==> flow/design.v <==
module add_unit_v2 #(
  parameter DATA_WIDTH = 12,
  parameter SLICE = 6
) (
  input wire clock,
  input wire rstn,
  input wire step,
  input wire [DATA_WIDTH-1:0] first,
  input wire [DATA_WIDTH-1:0] second,
  input wire cin,
  output wire [DATA_WIDTH-1:0] out,
  output wire cy
);
  reg [DATA_WIDTH-1:0] first_r;
  reg [DATA_WIDTH-1:0] second_r;
  reg cin_r;
  localparam NG = DATA_WIDTH / SLICE;
  wire [DATA_WIDTH-1:0] nxt;
  wire [NG:0] c;
  assign c[0] = cin_r;
  genvar i;
  generate
    for (i = 0; i < NG; i = i + 1) begin : row
      wire [SLICE:0] s0 = first_r[i*SLICE +: SLICE] + second_r[i*SLICE +: SLICE];
      wire [SLICE:0] s1 = first_r[i*SLICE +: SLICE] + second_r[i*SLICE +: SLICE] + 1'b1;
      assign {c[i+1], nxt[i*SLICE +: SLICE]} = c[i] ? s1 : s0;
    end
  endgenerate
  assign out = nxt;
  assign cy = c[NG];
  always @(posedge clock or negedge rstn) begin
    if (!rstn) begin
      first_r <= 0;
      second_r <= 0;
      cin_r <= 1'b0;
    end else if (step) begin
      first_r <= first;
      second_r <= second;
      cin_r <= cin;
    end
  end
endmodule
==> reports on add_unit_v2 <==
### From RTL to reports: add_unit_v2

Tool output for the members of one design family, told apart by "DATA_WIDTH", in the order of the flow.
The file above is the member DATA_WIDTH = 12. Line numbers count from 1 in each member's own file.
Operators: Yosys type, input widths -> output width; for muxes data width and select width s.
The mark -- stands for no value.

| design | value |
|---|---|
| top | add_unit_v2 |
| clock port | clock |
| cell library | sky130hd |
| timing corner | tt_025C_1v80 |

### Members of the sweep

Lines of each other member's file that are new or changed against the file above; lines that a member lacks are not shown.

Lines new or changed:

| DATA_WIDTH | RTL line | RTL |
|---|---|---|
| 24 | 2 | `parameter DATA_WIDTH = 24,` |
| 48 | 2 | `parameter DATA_WIDTH = 48,` |
| 60 | 2 | `parameter DATA_WIDTH = 60,` |
| 72 | 2 | `parameter DATA_WIDTH = 72,` |
| 96 | 2 | `parameter DATA_WIDTH = 96,` |
| 120 | 2 | `parameter DATA_WIDTH = 120,` |

### Elaborated design

Yosys after proc, flatten, opt, wreduce and memory -nomap, before mapping. Enables and synchronous resets that opt folds into registers are not counted as muxes. Memory bits, and registers merged into a memory's read port (data or address), are not among the register bits. Print and check cells are not counted. Equal cells are merged and count once.

Operators by class:

| DATA_WIDTH | add/sub/neg operators | multiplexer cells |
|---|---|---|
| 12 | 4 | 2 |
| 24 | 8 | 4 |
| 48 | 16 | 8 |
| 60 | 20 | 10 |
| 72 | 24 | 12 |
| 96 | 32 | 16 |
| 120 | 40 | 20 |

Operators with widths:

| DATA_WIDTH | kind and count |
|---|---|
| 12 | 2 x $add 6x6->7; 2 x $add 7x1->7 const B; 2 x $mux 7 |
| 24 | 4 x $add 6x6->7; 4 x $add 7x1->7 const B; 4 x $mux 7 |
| 48 | 8 x $add 6x6->7; 8 x $add 7x1->7 const B; 8 x $mux 7 |
| 60 | 10 x $add 6x6->7; 10 x $add 7x1->7 const B; 10 x $mux 7 |
| 72 | 12 x $add 6x6->7; 12 x $add 7x1->7 const B; 12 x $mux 7 |
| 96 | 16 x $add 6x6->7; 16 x $add 7x1->7 const B; 16 x $mux 7 |
| 120 | 20 x $add 6x6->7; 20 x $add 7x1->7 const B; 20 x $mux 7 |

Word-level totals:

| DATA_WIDTH | register bits after elaboration | input bits | output and inout port bits |
|---|---|---|---|
| 12 | 25 | 28 | 13 |
| 24 | 49 | 52 | 25 |
| 48 | 97 | 100 | 49 |
| 60 | 121 | 124 | 61 |
| 72 | 145 | 148 | 73 |
| 96 | 193 | 196 | 97 |
| 120 | 241 | 244 | 121 |

### Depth

Longest topological path by Yosys (ltp), each cell counted once; first at word level (registers and memories cut), then after technology mapping (sequential cells cut; the memories' decode and read muxes count).

Logic depth:

| DATA_WIDTH | word-level depth | ABC_AREA | gate-level depth with buffers |
|---|---|---|---|
| 12 | 4 | 0 | 10 |
| 24 | 6 | 0 | 12 |
| 48 | 10 | 0 | 15 |
| 60 | 12 | 0 | 19 |
| 72 | 14 | 0 | 20 |
| 96 | 18 | 0 | 23 |
| 120 | 22 | 0 | 25 |

### Synthesis result

Source: synth_stat.txt of the flow (Yosys; design flattened, memories mapped). It holds for the ABC_AREA given above (unset counts as 0); a run with the other value may have another netlist.
The area totals of this step are shown rounded.

Mapped netlist:

| DATA_WIDTH | mapped cells | cell area after synthesis (um2) | flip-flop cells |
|---|---|---|---|
| 12 | 138 | 1590 | 25 |
| 24 | 306 | 3320 | 49 |
| 48 | 610 | 6680 | 97 |
| 60 | 712 | 8070 | 121 |
| 72 | 852 | 9620 | 145 |
| 96 | 1124 | 12700 | 193 |
| 120 | 1376 | 15700 | 241 |

Cells by type:

| DATA_WIDTH | types with counts |
|---|---|
| 12 | 25 x sky130_fd_sc_hd__dfrtp_1; 24 x sky130_fd_sc_hd__mux2_2; 14 x sky130_fd_sc_hd__ha_1; 9 x sky130_fd_sc_hd__xnor2_1; 8 x sky130_fd_sc_hd__xor2_1; 2 x sky130_fd_sc_hd__fa_1; 6 x sky130_fd_sc_hd__a21oi_1; 8 x sky130_fd_sc_hd__nor2_1; 7 x sky130_fd_sc_hd__inv_1; 7 x sky130_fd_sc_hd__nand2_1; 2 x sky130_fd_sc_hd__nand4_2; 3 x sky130_fd_sc_hd__a21o_1; 4 x sky130_fd_sc_hd__o21ai_0; 3 x sky130_fd_sc_hd__and3_1; 3 x sky130_fd_sc_hd__nand4_1; 1 x sky130_fd_sc_hd__a21oi_4; 1 x sky130_fd_sc_hd__xor2_2; 2 x sky130_fd_sc_hd__a211oi_1; (+9) |
| 24 | 49 x sky130_fd_sc_hd__dfrtp_1; 46 x sky130_fd_sc_hd__mux2_2; 28 x sky130_fd_sc_hd__ha_1; 21 x sky130_fd_sc_hd__xnor2_1; 13 x sky130_fd_sc_hd__xor2_1; 4 x sky130_fd_sc_hd__fa_1; 21 x sky130_fd_sc_hd__nor2_1; 12 x sky130_fd_sc_hd__a21oi_1; 16 x sky130_fd_sc_hd__inv_1; 16 x sky130_fd_sc_hd__nand2_1; 6 x sky130_fd_sc_hd__nand4_1; 7 x sky130_fd_sc_hd__o21ai_0; 4 x sky130_fd_sc_hd__a21o_1; 2 x sky130_fd_sc_hd__o2111ai_2; 2 x sky130_fd_sc_hd__a211oi_2; 5 x sky130_fd_sc_hd__nand3_1; 3 x sky130_fd_sc_hd__a211oi_1; 6 x sky130_fd_sc_hd__clkbuf_1; (+45) |
| 48 | 97 x sky130_fd_sc_hd__dfrtp_1; 97 x sky130_fd_sc_hd__mux2_2; 56 x sky130_fd_sc_hd__ha_1; 46 x sky130_fd_sc_hd__xnor2_1; 25 x sky130_fd_sc_hd__xor2_1; 43 x sky130_fd_sc_hd__nor2_1; 8 x sky130_fd_sc_hd__fa_1; 25 x sky130_fd_sc_hd__a21oi_1; 26 x sky130_fd_sc_hd__inv_1; 26 x sky130_fd_sc_hd__nand2_1; 11 x sky130_fd_sc_hd__a21o_1; 8 x sky130_fd_sc_hd__mux2i_1; 15 x sky130_fd_sc_hd__nand3_1; 14 x sky130_fd_sc_hd__o21ai_0; 11 x sky130_fd_sc_hd__nand4_1; 7 x sky130_fd_sc_hd__o21bai_1; 11 x sky130_fd_sc_hd__clkbuf_1; 2 x sky130_fd_sc_hd__xnor2_2; (+82) |
| 60 | 121 x sky130_fd_sc_hd__dfrtp_1; 123 x sky130_fd_sc_hd__mux2_2; 70 x sky130_fd_sc_hd__ha_1; 61 x sky130_fd_sc_hd__xnor2_1; 29 x sky130_fd_sc_hd__xor2_1; 10 x sky130_fd_sc_hd__fa_1; 35 x sky130_fd_sc_hd__a21oi_1; 37 x sky130_fd_sc_hd__nand2_1; 18 x sky130_fd_sc_hd__a21o_1; 32 x sky130_fd_sc_hd__nor2_1; 30 x sky130_fd_sc_hd__inv_1; 15 x sky130_fd_sc_hd__o21bai_1; 13 x sky130_fd_sc_hd__nand4_1; 14 x sky130_fd_sc_hd__nand3_1; 12 x sky130_fd_sc_hd__o21ai_0; 15 x sky130_fd_sc_hd__clkbuf_1; 4 x sky130_fd_sc_hd__a211oi_2; 5 x sky130_fd_sc_hd__mux2i_1; (+68) |
| 72 | 145 x sky130_fd_sc_hd__dfrtp_1; 147 x sky130_fd_sc_hd__mux2_2; 84 x sky130_fd_sc_hd__ha_1; 75 x sky130_fd_sc_hd__xnor2_1; 39 x sky130_fd_sc_hd__xor2_1; 12 x sky130_fd_sc_hd__fa_1; 41 x sky130_fd_sc_hd__a21oi_1; 45 x sky130_fd_sc_hd__nand2_1; 21 x sky130_fd_sc_hd__a21o_1; 36 x sky130_fd_sc_hd__nor2_1; 18 x sky130_fd_sc_hd__o21bai_1; 34 x sky130_fd_sc_hd__inv_1; 16 x sky130_fd_sc_hd__nand4_1; 19 x sky130_fd_sc_hd__nand3_1; 4 x sky130_fd_sc_hd__mux2i_4; 11 x sky130_fd_sc_hd__o21ai_0; 5 x sky130_fd_sc_hd__mux2i_1; 13 x sky130_fd_sc_hd__clkbuf_1; (+87) |
| 96 | 193 x sky130_fd_sc_hd__dfrtp_1; 201 x sky130_fd_sc_hd__mux2_2; 112 x sky130_fd_sc_hd__ha_1; 97 x sky130_fd_sc_hd__xnor2_1; 54 x sky130_fd_sc_hd__xor2_1; 16 x sky130_fd_sc_hd__fa_1; 55 x sky130_fd_sc_hd__a21oi_1; 32 x sky130_fd_sc_hd__a21o_1; 54 x sky130_fd_sc_hd__nand2_1; 49 x sky130_fd_sc_hd__nor2_1; 41 x sky130_fd_sc_hd__inv_1; 20 x sky130_fd_sc_hd__o21bai_1; 26 x sky130_fd_sc_hd__nand3_1; 11 x sky130_fd_sc_hd__mux2i_1; 16 x sky130_fd_sc_hd__nand4_1; 18 x sky130_fd_sc_hd__o21ai_0; 22 x sky130_fd_sc_hd__clkbuf_1; 9 x sky130_fd_sc_hd__and2_1; (+98) |
| 120 | 241 x sky130_fd_sc_hd__dfrtp_1; 254 x sky130_fd_sc_hd__mux2_2; 140 x sky130_fd_sc_hd__ha_1; 128 x sky130_fd_sc_hd__xnor2_1; 65 x sky130_fd_sc_hd__xor2_1; 20 x sky130_fd_sc_hd__fa_1; 77 x sky130_fd_sc_hd__a21oi_1; 33 x sky130_fd_sc_hd__a21o_1; 33 x sky130_fd_sc_hd__o21bai_1; 65 x sky130_fd_sc_hd__nor2_1; 61 x sky130_fd_sc_hd__nand2_1; 50 x sky130_fd_sc_hd__inv_1; 31 x sky130_fd_sc_hd__nand3_1; 23 x sky130_fd_sc_hd__nand4_1; 11 x sky130_fd_sc_hd__mux2i_1; 17 x sky130_fd_sc_hd__and3_1; 27 x sky130_fd_sc_hd__clkbuf_1; 13 x sky130_fd_sc_hd__o21ai_0; (+87) |

The mark (+n) counts cells that are not listed.

### Timing after synthesis

Path of least setup slack by OpenSTA after synthesis, without wires, with an ideal clock, recovery checks aside; 20% of the period is set as input and as output delay. Where synthesis merged equal registers, the netlist keeps one of their names.

Timing post-synthesis:

| DATA_WIDTH | kind | start | end | clock period (ns) | slack (ns) | stages | path delay (ns) | period reached after synthesis (ns) |
|---|---|---|---|---|---|---|---|---|
| 12 | register -> output | register first_r[0] | output out[10] | 3.7 | 0.593 | 10 | 2.367 | 3.107 |
| 24 | register -> output | register first_r[0] | output out[23] | 5.1 | 0.813 | 12 | 3.267 | 4.287 |
| 48 | register -> output | register first_r[0] | output out[31] | 6.38 | 1.020 | 15 | 4.084 | 5.36 |
| 60 | register -> output | register first_r[0] | output out[55] | 7.67 | 1.225 | 19 | 4.911 | 6.445 |
| 72 | register -> output | register first_r[0] | output out[67] | 9.03 | 1.442 | 21 | 5.782 | 7.588 |
| 96 | register -> output | register first_r[0] | output out[91] | 10.3 | 1.678 | 23 | 6.562 | 8.622 |
| 120 | register -> output | register first_r[0] | output out[115] | 11.7 | 1.872 | 25 | 7.488 | 9.828 |

"path delay" = arrival - input delay + setup time.
A path that ends at an output port has no setup time.
"stages": output pins that drive a net of the path, with the launching flip-flop's if there is one; two outputs of one cell count as two.
"period reached after synthesis" is the clock period less the worst setup slack; recovery checks do not enter. This is arithmetic on one report: input and output delays are still those of the set period (20% each).
Between the ends stands the longest chain of elaborated cells between them, by number of cells; it is not shown to be the way that was timed. Of several equally long chains one is given.
Each line given opens the expression or statement behind the cell; cells for indexed reads and writes are added by Yosys, which also makes memories of some case tables.

| on the way, post-synthesis, DATA_WIDTH = 12 | value |
|---|---|
| length of the longest elaborated chain | 4 |

Ends and longest elaborated chain, post-synthesis, DATA_WIDTH = 12:

| item | RTL line | RTL |
|---|---|---|
| start, declared | 14 | `reg [DATA_WIDTH-1:0] first_r;` |
| start, assigned | 33 | `first_r <= 0;` |
| start, assigned | 37 | `first_r <= first;` |
| $add 6x6->7 | 25 | `wire [SLICE:0] s1 = first_r[i*SLICE +: SLICE] + second_r[i*SLICE +: SLICE] + 1'b1;` |
| $add 7x1->7 | 25 |  |
| $mux 7 x2 | 26 | `assign {c[i+1], nxt[i*SLICE +: SLICE]} = c[i] ? s1 : s0;` |
| end, declared | 11 | `output wire [DATA_WIDTH-1:0] out,` |

| on the way, post-synthesis, DATA_WIDTH = 120 | value |
|---|---|
| length of the longest elaborated chain | 22 |

Ends and longest elaborated chain, post-synthesis, DATA_WIDTH = 120:

| item | RTL line | RTL |
|---|---|---|
| start, declared | 14 | `reg [DATA_WIDTH-1:0] first_r;` |
| start, assigned | 33 | `first_r <= 0;` |
| start, assigned | 37 | `first_r <= first;` |
| $add 6x6->7 | 25 | `wire [SLICE:0] s1 = first_r[i*SLICE +: SLICE] + second_r[i*SLICE +: SLICE] + 1'b1;` |
| $add 7x1->7 | 25 |  |
| $mux 7 x20 | 26 | `assign {c[i+1], nxt[i*SLICE +: SLICE]} = c[i] ? s1 : s0;` |
| end, declared | 11 | `output wire [DATA_WIDTH-1:0] out,` |

### Path in the finished layout

From the final timing report of the run of each member: the path of least setup slack in the routed layout; clock arrival at registers is part of the times.

Timing post-layout:

| DATA_WIDTH | kind | start | end | clock period (ns) | slack (ns) | stages | data arrival time (ns) |
|---|---|---|---|---|---|---|---|
| 12 | register -> output | register second_r[0] | output cy | 3.7 | 0.14 | 12 | 2.82 |
| 24 | register -> output | register first_r[0] | output out[23] | 5.1 | 0.20 | 14 | 3.88 |
| 48 | register -> output | register first_r[0] | output out[43] | 6.38 | 0.14 | 16 | 4.96 |
| 60 | register -> output | register first_r[6] | output out[55] | 7.67 | 0.18 | 21 | 5.96 |
| 72 | register -> output | register first_r[0] | output out[67] | 9.03 | 0.39 | 21 | 6.84 |
| 96 | register -> output | register first_r[0] | output out[91] | 10.3 | 0.46 | 23 | 7.78 |
| 120 | register -> output | register first_r[0] | output out[115] | 11.7 | 0.43 | 28 | 8.93 |

### Flow runs

Settings and results of one run of the flow (Yosys, OpenROAD) for each member follow. The constraints put input and output delay at 20% of the set period each and load the outputs with 0.01 pF.

| flow settings | value |
|---|---|
| CAP_MARGIN | 20 |
| CORE_MARGIN | 2 |
| CORE_UTILIZATION | 40 |
| SLEW_MARGIN | 20 |

Settings by member:

| DATA_WIDTH | period_ns |
|---|---|
| 12 | 3.7 |
| 24 | 5.1 |
| 48 | 6.38 |
| 60 | 7.67 |
| 72 | 9.03 |
| 96 | 10.3 |
| 120 | 11.7 |

Final reports:

| DATA_WIDTH | chip area in the Yosys report (um2) | die area (um2) | post-layout utilization (%) | worst slack on setup checks (ns) | power consumption (uW) |
|---|---|---|---|---|---|
| 12 | 1590 | 4500 | 59.0 | 0.139 | 990 |
| 24 | 3320 | 9050 | 54.7 | 0.197 | 1570 |
| 48 | 6680 | 17800 | 53.5 | 0.140 | 2540 |
| 60 | 8070 | 21300 | 55.9 | 0.178 | 2860 |
| 72 | 9620 | 25300 | 54.4 | 0.387 | 2730 |
| 96 | 12700 | 33300 | 53.1 | 0.463 | 2980 |
| 120 | 15700 | 40800 | 54.2 | 0.435 | 3520 |

By "power consumption" is meant OpenSTA's value without simulated activity: inputs other than the clock are taken to toggle once in ten clock periods, and the tool carries that through the logic.
Measured values are rounded.
